==> flow/design.v <==
module ex_comparator_v2 #(
   parameter int WIDTH = 7,
   parameter int NUM = 7
) (
   input  logic i_clk,
   input  logic [NUM*WIDTH-1:0] in,
   output logic [WIDTH-1:0] max_o
);
   logic [NUM*WIDTH-1:0] in_r;
   wire [WIDTH-1:0] n_ [1:2*NUM-1];
   for (genvar gi = 0; gi < NUM; gi++) begin : lane
      assign n_[NUM+gi] = in_r[gi*WIDTH +: WIDTH];
   end
   for (genvar gi = 1; gi < NUM; gi++) begin : u_g
      assign n_[gi] = (n_[2*gi] > n_[2*gi+1]) ? n_[2*gi] : n_[2*gi+1];
   end
   assign max_o = n_[1];
   always_ff @(posedge i_clk)
      in_r <= in;
endmodule
# Step by step through the tools: ex_comparator_v2
# Module ex_comparator_v2 in several versions that differ in "WIDTH"; each step lists the members.
# The RTL above is that of WIDTH = 7; lines are counted from 1 in the file of the member named.
# Operators: Yosys type, input widths -> output width; for muxes data width and select width s.
# Library cell names are shortened.
# A cell with n/a has no value.
[inputs]
design = "ex_comparator_v2"
clock_port = "i_clk"
cell_library = "sky130hd"
lib_corner = "tt_025C_1v80"

# Members of the sweep
# New or changed lines of each further member against the RTL above, in its own file; lines it lacks are not shown.
[changed_lines]
columns = ["WIDTH", "line", "source"]
rows = [
  [8, 2, "parameter int WIDTH = 8,"],
  [10, 2, "parameter int WIDTH = 10,"],
  [12, 2, "parameter int WIDTH = 12,"],
  [18, 2, "parameter int WIDTH = 18,"],
]

# Word level
# Counts by Yosys on the flattened word-level netlist (proc, flatten, opt, wreduce). Print and check cells are left out. Cells with the same type and inputs are merged into one.
[word_totals]
columns = ["WIDTH", "register_bits", "input_bits", "output_inout_bits"]
rows = [
  [7, 49, 50, 7],
  [8, 56, 57, 8],
  [10, 70, 71, 10],
  [12, 84, 85, 12],
  [18, 126, 127, 18],
]
[classes]
columns = ["WIDTH", "compare", "mux"]
rows = [
  [7, 6, 6],
  [8, 6, 6],
  [10, 6, 6],
  [12, 6, 6],
  [18, 6, 6],
]
[ops]
columns = ["WIDTH", "operators"]
rows = [
  [7, "$gt 7x7->1 (6); $mux 7 (6)"],
  [8, "$gt 8x8->1 (6); $mux 8 (6)"],
  [10, "$gt 10x10->1 (6); $mux 10 (6)"],
  [12, "$gt 12x12->1 (6); $mux 12 (6)"],
  [18, "$gt 18x18->1 (6); $mux 18 (6)"],
]

# Longest topological paths
# Depth = most cells in a row (Yosys ltp): at word level without a register or memory, in the mapped netlist without a sequential cell, where the memories' decode and read muxes count.
[logic_depth]
columns = ["WIDTH", "word_depth", "ABC_AREA", "mapped_depth", "ltp_nobuf"]
rows = [
  [7, 6, 0, 23, 21],
  [8, 6, 0, 27, 24],
  [10, 6, 0, 25, 21],
  [12, 6, 0, 26, 23],
  [18, 6, 0, 29, 25],
]

# After synthesis
# The flow's flattened synthesis, as Yosys stat reports it; memories are mapped. The netlist is that of the ABC_AREA named above (0 if unset); the other value can give another one.
# The area totals of this step are shown rounded.
[mapped]
columns = ["WIDTH", "mapped_area_um2", "sequential_area_um2", "stdcells", "ff_cells", "n_buf"]
rows = [
  [7, 2560, 981, 258, 49, 3],
  [8, 3070, 1120, 316, 56, 5],
  [10, 4000, 1400, 439, 70, 22],
  [12, 4410, 1680, 434, 84, 10],
  [18, 6530, 2520, 635, 126, 15],
]
[by_type]
columns = ["WIDTH", "type_list"]
rows = [
  [7, "dfxtp_1 (49); ha_1 (42); mux2i_1 (27); inv_1 (42); a21oi_1 (14); nor2_1 (18); o21ai_0 (11); mux2_4 (3); a22o_1 (5); nand3b_1 (5); nand4_1 (5); nand2_1 (8); a21oi_2 (3); nand3_1 (5); o22ai_2 (2); o31ai_4 (1); a21boi_4 (1); a211oi_2 (1); (+16)"],
  [8, "dfxtp_1 (56); ha_1 (48); mux2i_1 (23); inv_1 (49); a21oi_1 (18); mux2_2 (7); nor2_1 (19); nand4_1 (10); a21o_1 (8); o211ai_1 (8); o21ai_1 (12); nand2_1 (14); a31oi_1 (8); o22ai_4 (2); o211ai_2 (3); nor2b_1 (5); nand4_2 (2); mux2i_4 (1); (+23)"],
  [10, "dfxtp_1 (70); ha_1 (60); o211ai_1 (61); inv_1 (64); o21a_1 (22); a32oi_1 (10); nand2_1 (23); o21ai_0 (17); a21oi_1 (16); a22oi_1 (10); a21boi_1 (9); a21o_1 (8); clkbuf_1 (10); nand4_1 (6); buf_2 (7); buf_4 (4); nand3_1 (6); and4_1 (3); (+33)"],
  [12, "dfxtp_1 (84); ha_1 (72); mux2i_1 (38); inv_1 (72); mux2i_4 (7); a21oi_1 (25); nand4_1 (16); a22o_1 (11); o22a_1 (11); nand2_1 (18); o21ai_0 (13); nand3_1 (11); mux2i_2 (3); o211ai_1 (5); nor2b_1 (5); a21o_1 (4); a2111oi_0 (3); clkbuf_1 (6); (+30)"],
  [18, "dfxtp_1 (126); ha_1 (108); mux2_2 (35); mux2i_1 (37); inv_1 (85); a21oi_1 (50); o221ai_1 (18); nand3b_1 (18); a21o_1 (16); nand4_1 (19); nor2_1 (28); nand2_1 (16); and4_1 (6); buf_8 (3); a211oi_1 (5); o21ai_0 (6); clkbuf_1 (7); nand3_1 (5); (+47)"],
]
# A list marked (+n) leaves out that many cells.

# Path before layout
# Source: OpenSTA report_checks on the synthesized netlist (no wires, ideal clock, input and output delay 20% of the period each), path of least setup slack; recovery checks are left aside. Register names are those of the netlist, which keeps one name where synthesis merged equal registers.
[synth_timing]
columns = ["WIDTH", "path_type", "startpoint", "endpoint", "slack_ns", "delay_ns", "tclk_ns", "driving_pins", "period_less_setup_slack_ns"]
rows = [
  [7, "register to output", "reg in_r[46]", "out max_o[1]", 1.048, 4.192, 6.55, 23, 5.502],
  [8, "register to output", "reg in_r[17]", "out max_o[1]", 1.082, 4.342, 6.78, 24, 5.698],
  [10, "register to output", "reg in_r[24]", "out max_o[0]", 1.161, 4.631, 7.24, 26, 6.079],
  [12, "register to output", "reg in_r[29]", "out max_o[10]", 1.374, 5.506, 8.6, 26, 7.226],
  [18, "register to output", "reg in_r[41]", "out max_o[10]", 1.348, 5.388, 8.42, 27, 7.072],
]
# "delay_ns" = arrival - input delay + setup time.
# At an output port there is no setup time.
# "driving_pins": output pins that drive a net of the path, with the launching flip-flop's if there is one; two outputs of one cell count as two.
# "period_less_setup_slack_ns" = period - worst setup slack (recovery checks aside). The figure is calculated, with input and output delays left at 20% of the set period.
# Between the ends stands the longest chain of elaborated cells between them, by number of cells; it is not shown to be the way that was timed. Of several equally long chains one is given.
# A line is the first line of the expression or statement that the cell stems from. Yosys adds cells for indexed reads and writes and turns some case tables into memories.
[synth_via_WIDTH_7]
elab_chain_cells = 6
[synth_lines_WIDTH_7]
columns = ["element", "line", "source"]
rows = [
  ["start, declared", 9, "logic [NUM*WIDTH-1:0] in_r;"],
  ["start, assigned", 19, "in_r <= in;"],
  ["$gt 7x7->1", 15, "assign n_[gi] = (n_[2*gi] > n_[2*gi+1]) ? n_[2*gi] : n_[2*gi+1];"],
  ["$mux 7", 15, ""],
  ["$gt 7x7->1", 15, ""],
  ["$mux 7", 15, ""],
  ["$gt 7x7->1", 15, ""],
  ["$mux 7", 15, ""],
  ["end, declared", 7, "output logic [WIDTH-1:0] max_o"],
]
[synth_via_WIDTH_18]
elab_chain_cells = 6
[synth_lines_WIDTH_18]
columns = ["element", "line", "source"]
rows = [
  ["start, declared", 9, "logic [NUM*WIDTH-1:0] in_r;"],
  ["start, assigned", 19, "in_r <= in;"],
  ["$gt 18x18->1", 15, "assign n_[gi] = (n_[2*gi] > n_[2*gi+1]) ? n_[2*gi] : n_[2*gi+1];"],
  ["$mux 18", 15, ""],
  ["$gt 18x18->1", 15, ""],
  ["$mux 18", 15, ""],
  ["$gt 18x18->1", 15, ""],
  ["$mux 18", 15, ""],
  ["end, declared", 7, "output logic [WIDTH-1:0] max_o"],
]

# Path in the finished layout
# From the final timing report of each member's run: the path of least setup slack in the routed layout; clock arrival at registers is part of the times.
[layout_timing]
columns = ["WIDTH", "path_type", "startpoint", "endpoint", "slack_ns", "t_arrival_ns", "tclk_ns", "driving_pins"]
rows = [
  [7, "register to output", "reg in_r[16]", "out max_o[1]", 0.11, 5.13, 6.55, 23],
  [8, "register to output", "reg in_r[49]", "out max_o[3]", 0.31, 5.12, 6.78, 26],
  [10, "register to output", "reg in_r[24]", "out max_o[8]", 0.35, 5.44, 7.24, 24],
  [12, "register to output", "reg in_r[31]", "out max_o[11]", 0.39, 6.49, 8.6, 27],
  [18, "register to output", "reg in_r[41]", "out max_o[13]", 0.18, 6.56, 8.42, 26],
]

# Flow runs
# Settings and results of one run of the flow (Yosys, OpenROAD) for each member follow. The constraints put input and output delay at 20% of the set period each and load the outputs with 0.01 pF.
[settings]
CAP_MARGIN = 20
CORE_MARGIN = 2
CORE_UTILIZATION = 40
SLEW_MARGIN = 20
[settings_by_member]
columns = ["WIDTH", "period_ns"]
rows = [
  [7, 6.55],
  [8, 6.78],
  [10, 7.24],
  [12, 8.6],
  [18, 8.42],
]
[results]
columns = ["WIDTH", "period_less_ws_ns", "utilization_pct", "synthesis_area_um2", "design_power_mw", "die_footprint_um2", "worst_hold_slack_ns", "total_negative_slack_ns", "layout_stdcell_area_um2", "worst_setup_slack_ns"]
rows = [
  [7, 6.438, 55.6, 2560, 0.876, 7070, 1.44, 0.000, 3490, 0.112],
  [8, 6.475, 56.3, 3070, 0.990, 8380, 1.48, 0.000, 4120, 0.305],
  [10, 6.886, 53.9, 4000, 1.30, 10800, 1.53, 0.000, 5240, 0.354],
  [12, 8.211, 54.1, 4410, 1.17, 11900, 1.80, 0.000, 5840, 0.389],
  [18, 8.243, 56.3, 6530, 2.13, 17400, 1.71, 0.000, 8980, 0.177],
]
# "period_less_ws_ns" is the run's clock period less its worst setup slack. It is reckoned from that one timing run; input and output delays stay at 20% of the period that was set.
# "design_power_mw" rests on the timing tool's default activity at the inputs, not on a simulated workload.
# Values from the reports are rounded here.
